==> flow/design.v <==
module mag_cmp #(
    parameter DW = 7
) (
    input  logic CLK,
    input  logic [DW-1:0] i_first,
    input  logic [DW-1:0] i_second,
    output logic o_lt,
    output logic o_a_eq_b,
    output logic o_greater
);
    logic [DW-1:0] first_s;
    logic [DW-1:0] second_s;
    always_ff @(posedge CLK) begin
        first_s <= i_first;
        second_s <= i_second;
    end
    localparam HW = DW / 2;
    logic lt_hi_s;
    logic eq_hi_s;
    logic lt_lo_s;
    logic eq_lo_s;
    logic lt_s;
    always_ff @(posedge CLK) begin
        lt_hi_s <= (first_s[DW-1:HW] < second_s[DW-1:HW]);
        eq_hi_s <= (first_s[DW-1:HW] == second_s[DW-1:HW]);
        lt_lo_s <= (first_s[HW-1:0] < second_s[HW-1:0]);
        eq_lo_s <= (first_s[HW-1:0] == second_s[HW-1:0]);
        lt_s <= lt_hi_s | (eq_hi_s & lt_lo_s);
    end
    assign o_lt = lt_s;
    logic a_eq_b_s;
    always_ff @(posedge CLK)
        a_eq_b_s <= eq_hi_s & eq_lo_s;
    assign o_a_eq_b = a_eq_b_s;
    logic greater_s;
    always_ff @(posedge CLK)
        greater_s <= ~(lt_hi_s | (eq_hi_s & (lt_lo_s | eq_lo_s)));
    assign o_greater = greater_s;
endmodule
Subject: tool reports on mag_cmp

Hi,

Step by step through the tools: mag_cmp
Module mag_cmp in several versions that differ in "DW"; each step lists the members.
The file above is the member DW = 7. Line numbers count from 1 in each member's own file.
Operators: Yosys type, input widths -> output width; for muxes data width and select width s.
{ "inputs": {"top_module": "mag_cmp", "clock": "CLK", "library": "sky130hd", "pvt_corner": "tt_025C_1v80"} }

Members of the sweep
Lines of each other member's file that are new or changed against the file above; lines that a member lacks are not shown.
{ "src_changes": {"columns": ["DW", "line_no", "source"], "rows": [
  [16, 2, "parameter DW = 16"],
  [32, 2, "parameter DW = 32"],
  [80, 2, "parameter DW = 80"],
  [112, 2, "parameter DW = 112"]
]} }

Elaborated design
Source: Yosys, flattened and elaborated, memories not mapped. Widths are those after wreduce; folded enables and synchronous resets count as part of the registers. Registers that Yosys merges into a memory's read port (data or address) are not register bits. Print and check cells do not count. Equal cells are merged and count once.
{ "word_totals": {"columns": ["DW", "ff_bits", "inputBits", "output_inout_bits", "word_cells"], "rows": [
  [7, 21, 15, 3, 20],
  [16, 39, 33, 3, 20],
  [32, 71, 65, 3, 20],
  [80, 167, 161, 3, 20],
  [112, 231, 225, 3, 20]
]} }
{ "op_classes": {"columns": ["DW", "cmp", "eq_ne", "n_logic"], "rows": [
  [7, 2, 2, 7],
  [16, 2, 2, 7],
  [32, 2, 2, 7],
  [80, 2, 2, 7],
  [112, 2, 2, 7]
]} }
{ "ops": {"columns": ["DW", "operators"], "rows": [
  [7, "1 x $lt 4x4->1; 1 x $eq 4x4->1; 3 x $and 1x1->1; 3 x $or 1x1->1; 1 x $lt 3x3->1; 1 x $eq 3x3->1; 1 x $not 1->1"],
  [16, "2 x $lt 8x8->1; 2 x $eq 8x8->1; 3 x $and 1x1->1; 3 x $or 1x1->1; 1 x $not 1->1"],
  [32, "2 x $lt 16x16->1; 2 x $eq 16x16->1; 3 x $and 1x1->1; 3 x $or 1x1->1; 1 x $not 1->1"],
  [80, "2 x $lt 40x40->1; 2 x $eq 40x40->1; 3 x $and 1x1->1; 3 x $or 1x1->1; 1 x $not 1->1"],
  [112, "2 x $lt 56x56->1; 2 x $eq 56x56->1; 3 x $and 1x1->1; 3 x $or 1x1->1; 1 x $not 1->1"]
]} }

Logic depth
Yosys ltp: most cells in a row. Word level: on the elaborated netlist, between registers, memories and ports. Mapped: between sequential cells and ports; inverters and the memories' decode and read muxes count.
{ "logic_depth": {"columns": ["DW", "word_depth", "ABC_AREA", "mapped_depth", "mapped_depth_nobuf"], "rows": [
  [7, 4, 0, 5, 5],
  [16, 4, 0, 6, 6],
  [32, 4, 0, 6, 6],
  [80, 4, 0, 7, 7],
  [112, 4, 0, 8, 8]
]} }

Mapped cells and area
The flow's flattened synthesis, as Yosys stat reports it; memories are mapped. The netlist is that of the ABC_AREA named above (0 if unset); the other value can give another one.
{ "types": {"columns": ["DW", "type_list"], "rows": [
  [7, "21 x sky130_fd_sc_hd__dfxtp_1; 7 x sky130_fd_sc_hd__ha_1; 9 x sky130_fd_sc_hd__inv_1; 2 x sky130_fd_sc_hd__a21o_1; 2 x sky130_fd_sc_hd__a21oi_1; 1 x sky130_fd_sc_hd__a21oi_2; 1 x sky130_fd_sc_hd__and4_1; 1 x sky130_fd_sc_hd__o21a_1; 1 x sky130_fd_sc_hd__and2_1; 1 x sky130_fd_sc_hd__and3_1; 1 x sky130_fd_sc_hd__nand2_1; 1 x sky130_fd_sc_hd__nor2_1"],
  [16, "39 x sky130_fd_sc_hd__dfxtp_1; 16 x sky130_fd_sc_hd__ha_1; 16 x sky130_fd_sc_hd__inv_1; 2 x sky130_fd_sc_hd__a2111oi_2; 6 x sky130_fd_sc_hd__a21oi_1; 4 x sky130_fd_sc_hd__nand4_1; 5 x sky130_fd_sc_hd__nor2_1; 1 x sky130_fd_sc_hd__nor2b_4; 1 x sky130_fd_sc_hd__o211ai_2; 1 x sky130_fd_sc_hd__a21o_1; 2 x sky130_fd_sc_hd__nand2_1; 1 x sky130_fd_sc_hd__o211ai_1; 1 x sky130_fd_sc_hd__and2_1; 1 x sky130_fd_sc_hd__nor2b_1"],
  [32, "71 x sky130_fd_sc_hd__dfxtp_1; 32 x sky130_fd_sc_hd__ha_1; 32 x sky130_fd_sc_hd__inv_1; 8 x sky130_fd_sc_hd__nand4_1; 9 x sky130_fd_sc_hd__a21oi_1; 3 x sky130_fd_sc_hd__a21oi_2; 3 x sky130_fd_sc_hd__a21o_1; 2 x sky130_fd_sc_hd__a221o_1; 4 x sky130_fd_sc_hd__nand3_1; 2 x sky130_fd_sc_hd__a2111oi_0; 4 x sky130_fd_sc_hd__nand2_1; 2 x sky130_fd_sc_hd__o211ai_1; 2 x sky130_fd_sc_hd__nor2b_1; 2 x sky130_fd_sc_hd__nor4_1; 3 x sky130_fd_sc_hd__nor2_1; 2 x sky130_fd_sc_hd__nor3_1; 1 x sky130_fd_sc_hd__and2_1; 1 x sky130_fd_sc_hd__o21ai_0; 1 x sky130_fd_sc_hd__o21ai_1"],
  [80, "167 x sky130_fd_sc_hd__dfxtp_1; 80 x sky130_fd_sc_hd__ha_1; 82 x sky130_fd_sc_hd__inv_1; 31 x sky130_fd_sc_hd__a21oi_1; 15 x sky130_fd_sc_hd__nand4_1; 18 x sky130_fd_sc_hd__nand2_1; 12 x sky130_fd_sc_hd__nand3_1; 14 x sky130_fd_sc_hd__nor2_1; 8 x sky130_fd_sc_hd__o21ai_0; 5 x sky130_fd_sc_hd__a21o_1; 6 x sky130_fd_sc_hd__nor3_1; 3 x sky130_fd_sc_hd__a221oi_1; 3 x sky130_fd_sc_hd__and4_1; 3 x sky130_fd_sc_hd__o21a_1; 3 x sky130_fd_sc_hd__nor4_1; 2 x sky130_fd_sc_hd__o31ai_1; 2 x sky130_fd_sc_hd__nand2b_1; 1 x sky130_fd_sc_hd__a221o_1; (+10)"],
  [112, "231 x sky130_fd_sc_hd__dfxtp_1; 112 x sky130_fd_sc_hd__ha_1; 119 x sky130_fd_sc_hd__inv_1; 45 x sky130_fd_sc_hd__a21oi_1; 21 x sky130_fd_sc_hd__nand4_1; 22 x sky130_fd_sc_hd__nand2_1; 10 x sky130_fd_sc_hd__a21o_1; 14 x sky130_fd_sc_hd__nand3_1; 5 x sky130_fd_sc_hd__nand4_2; 5 x sky130_fd_sc_hd__a221oi_1; 4 x sky130_fd_sc_hd__a211oi_1; 6 x sky130_fd_sc_hd__o21ai_1; 3 x sky130_fd_sc_hd__o221ai_1; 5 x sky130_fd_sc_hd__nor3_1; 3 x sky130_fd_sc_hd__o21a_1; 1 x sky130_fd_sc_hd__nor4_4; 3 x sky130_fd_sc_hd__nor4_1; 2 x sky130_fd_sc_hd__o211ai_1; (+24)"]
]} }
A list marked (+n) leaves out that many cells.
{ "synth_totals": {"columns": ["DW", "cells", "area_um2", "seq_area_um2", "ffs", "buffers"], "rows": [
  [7, 48, 611.8, 420.4, 21, 0],
  [16, 96, 1206.2, 780.7, 39, 0],
  [32, 184, 2235.9, 1421.4, 71, 0],
  [80, 465, 5401.4, 3343.2, 167, 0],
  [112, 635, 7517.2, 4624.4, 231, 0]
]} }

Path before layout
OpenSTA on the mapped netlist: ideal clock, no wires. The path of least setup slack (recovery checks aside). Input and output delay are each 20% of the period. Register names are those of the netlist, which keeps one name where synthesis merged equal registers.
{ "synth_path": {"columns": ["DW", "path_type", "startpoint", "endpoint", "clock_period_ns", "setup_slack_ns", "stages", "delay_ns", "synth_period_reached_ns"], "rows": [
  [7, "reg-to-reg", "reg second_s[1]", "reg lt_lo_s", 1.15, 0.231, 5, 0.919, 0.919],
  [16, "reg-to-reg", "reg second_s[9]", "reg lt_hi_s", 1.64, 0.327, 7, 1.312, 1.313],
  [32, "reg-to-reg", "reg second_s[30]", "reg lt_hi_s", 1.7, 0.343, 7, 1.357, 1.357],
  [80, "reg-to-reg", "reg second_s[78]", "reg lt_hi_s", 2.01, 0.400, 8, 1.610, 1.61],
  [112, "reg-to-reg", "reg second_s[111]", "reg lt_hi_s", 2.32, 0.463, 9, 1.858, 1.857]
]} }
"delay_ns" = arrival - input delay + setup time.
"stages" counts driving pins, that of a launching flip-flop among them; a cell with two outputs on the path counts twice.
"synth_period_reached_ns" is the clock period less the worst setup slack; recovery checks do not enter. This is arithmetic on one report: input and output delays are still those of the set period (20% each).
The rows between start and end are the longest chain of elaborated cells between them; the timing report does not say that the signal goes this way. Where chains are equally long, one stands for them.
A line is the first line of the expression or statement that the cell stems from. Yosys adds cells for indexed reads and writes and turns some case tables into memories.
{ "synth_between_DW_7": {"elab_chain_cells": 1} }
{ "synth_lines_DW_7": {"columns": ["item", "line_no", "source"], "rows": [
  ["start, declared", 12, "logic [DW-1:0] second_s;"],
  ["start, assigned", 15, "second_s <= i_second;"],
  ["$lt 3x3->1", 26, "lt_lo_s <= (first_s[HW-1:0] < second_s[HW-1:0]);"],
  ["end, assigned", 26, null],
  ["end, declared", 20, "logic lt_lo_s;"]
]} }
{ "synth_between_DW_112": {"elab_chain_cells": 1} }
{ "synth_lines_DW_112": {"columns": ["item", "line_no", "source"], "rows": [
  ["start, declared", 12, "logic [DW-1:0] second_s;"],
  ["start, assigned", 15, "second_s <= i_second;"],
  ["$lt 56x56->1", 24, "lt_hi_s <= (first_s[DW-1:HW] < second_s[DW-1:HW]);"],
  ["end, assigned", 24, null],
  ["end, declared", 18, "logic lt_hi_s;"]
]} }

Worst path after layout
Path of least setup slack in the final report of each member's run (OpenROAD, finished layout, wires in). Where an end is a register, its clock arrival counts in the times.
{ "layout_path": {"columns": ["DW", "path_type", "startpoint", "endpoint", "clock_period_ns", "setup_slack_ns", "stages", "arrival_time_ns", "n_path_buf"], "rows": [
  [7, "reg-to-output", "reg lt_s", "out o_lt", 1.15, 0.05, 2, 0.87, 1],
  [16, "reg-to-output", "reg a_eq_b_s", "out o_a_eq_b", 1.64, 0.15, 2, 1.16, 1],
  [32, "reg-to-reg", "reg second_s[30]", "reg lt_hi_s", 1.7, 0.14, 6, 1.76, 0],
  [80, "reg-to-reg", "reg second_s[22]", "reg lt_lo_s", 2.01, 0.21, 8, 2.09, 0],
  [112, "reg-to-reg", "reg second_s[109]", "reg lt_hi_s", 2.32, 0.23, 9, 2.46, 0]
]} }

Measured runs
Settings and results of one run of the flow (Yosys, OpenROAD) for each member follow. The constraints put input and output delay at 20% of the set period each and load the outputs with 0.01 pF.
{ "flow_settings": {"CAP_MARGIN": 20, "CORE_MARGIN": 2, "CORE_UTILIZATION": 40, "SLEW_MARGIN": 20} }
{ "settings_diff": {"columns": ["DW", "period_ns"], "rows": [
  [7, 1.15],
  [16, 1.64],
  [32, 1.7],
  [80, 2.01],
  [112, 2.32]
]} }
{ "measured": {"columns": ["DW", "yosys.chip_area_um2", "die_area_um2", "final_stdcell_area_um2", "util_pct", "ws_setup_ns", "final_setup_tns_ns", "hold_ws_ns", "design_power_mw", "achievedPeriod_ns"], "rows": [
  [7, 611.8, 1858.5, 824.5, 56.0, 0.051, 0.000, 0.360, 1.254, 1.099],
  [16, 1206.2, 3470.4, 1636.6, 58.3, 0.150, 0.000, 0.433, 1.610, 1.490],
  [32, 2235.9, 6203.9, 3208.1, 59.0, 0.139, 0.000, 0.430, 3.449, 1.561],
  [80, 5401.4, 14449.2, 7842.5, 59.5, 0.214, 0.000, 0.417, 7.360, 1.796],
  [112, 7517.2, 19905.0, 10845.4, 58.4, 0.227, 0.000, 0.384, 8.671, 2.093]
]} }
"achievedPeriod_ns" = clock period - worst setup slack. The figure is calculated, with input and output delays left at 20% of the set period.
"design_power_mw" is the tool's figure for a default switching activity; nothing was simulated.

Regards
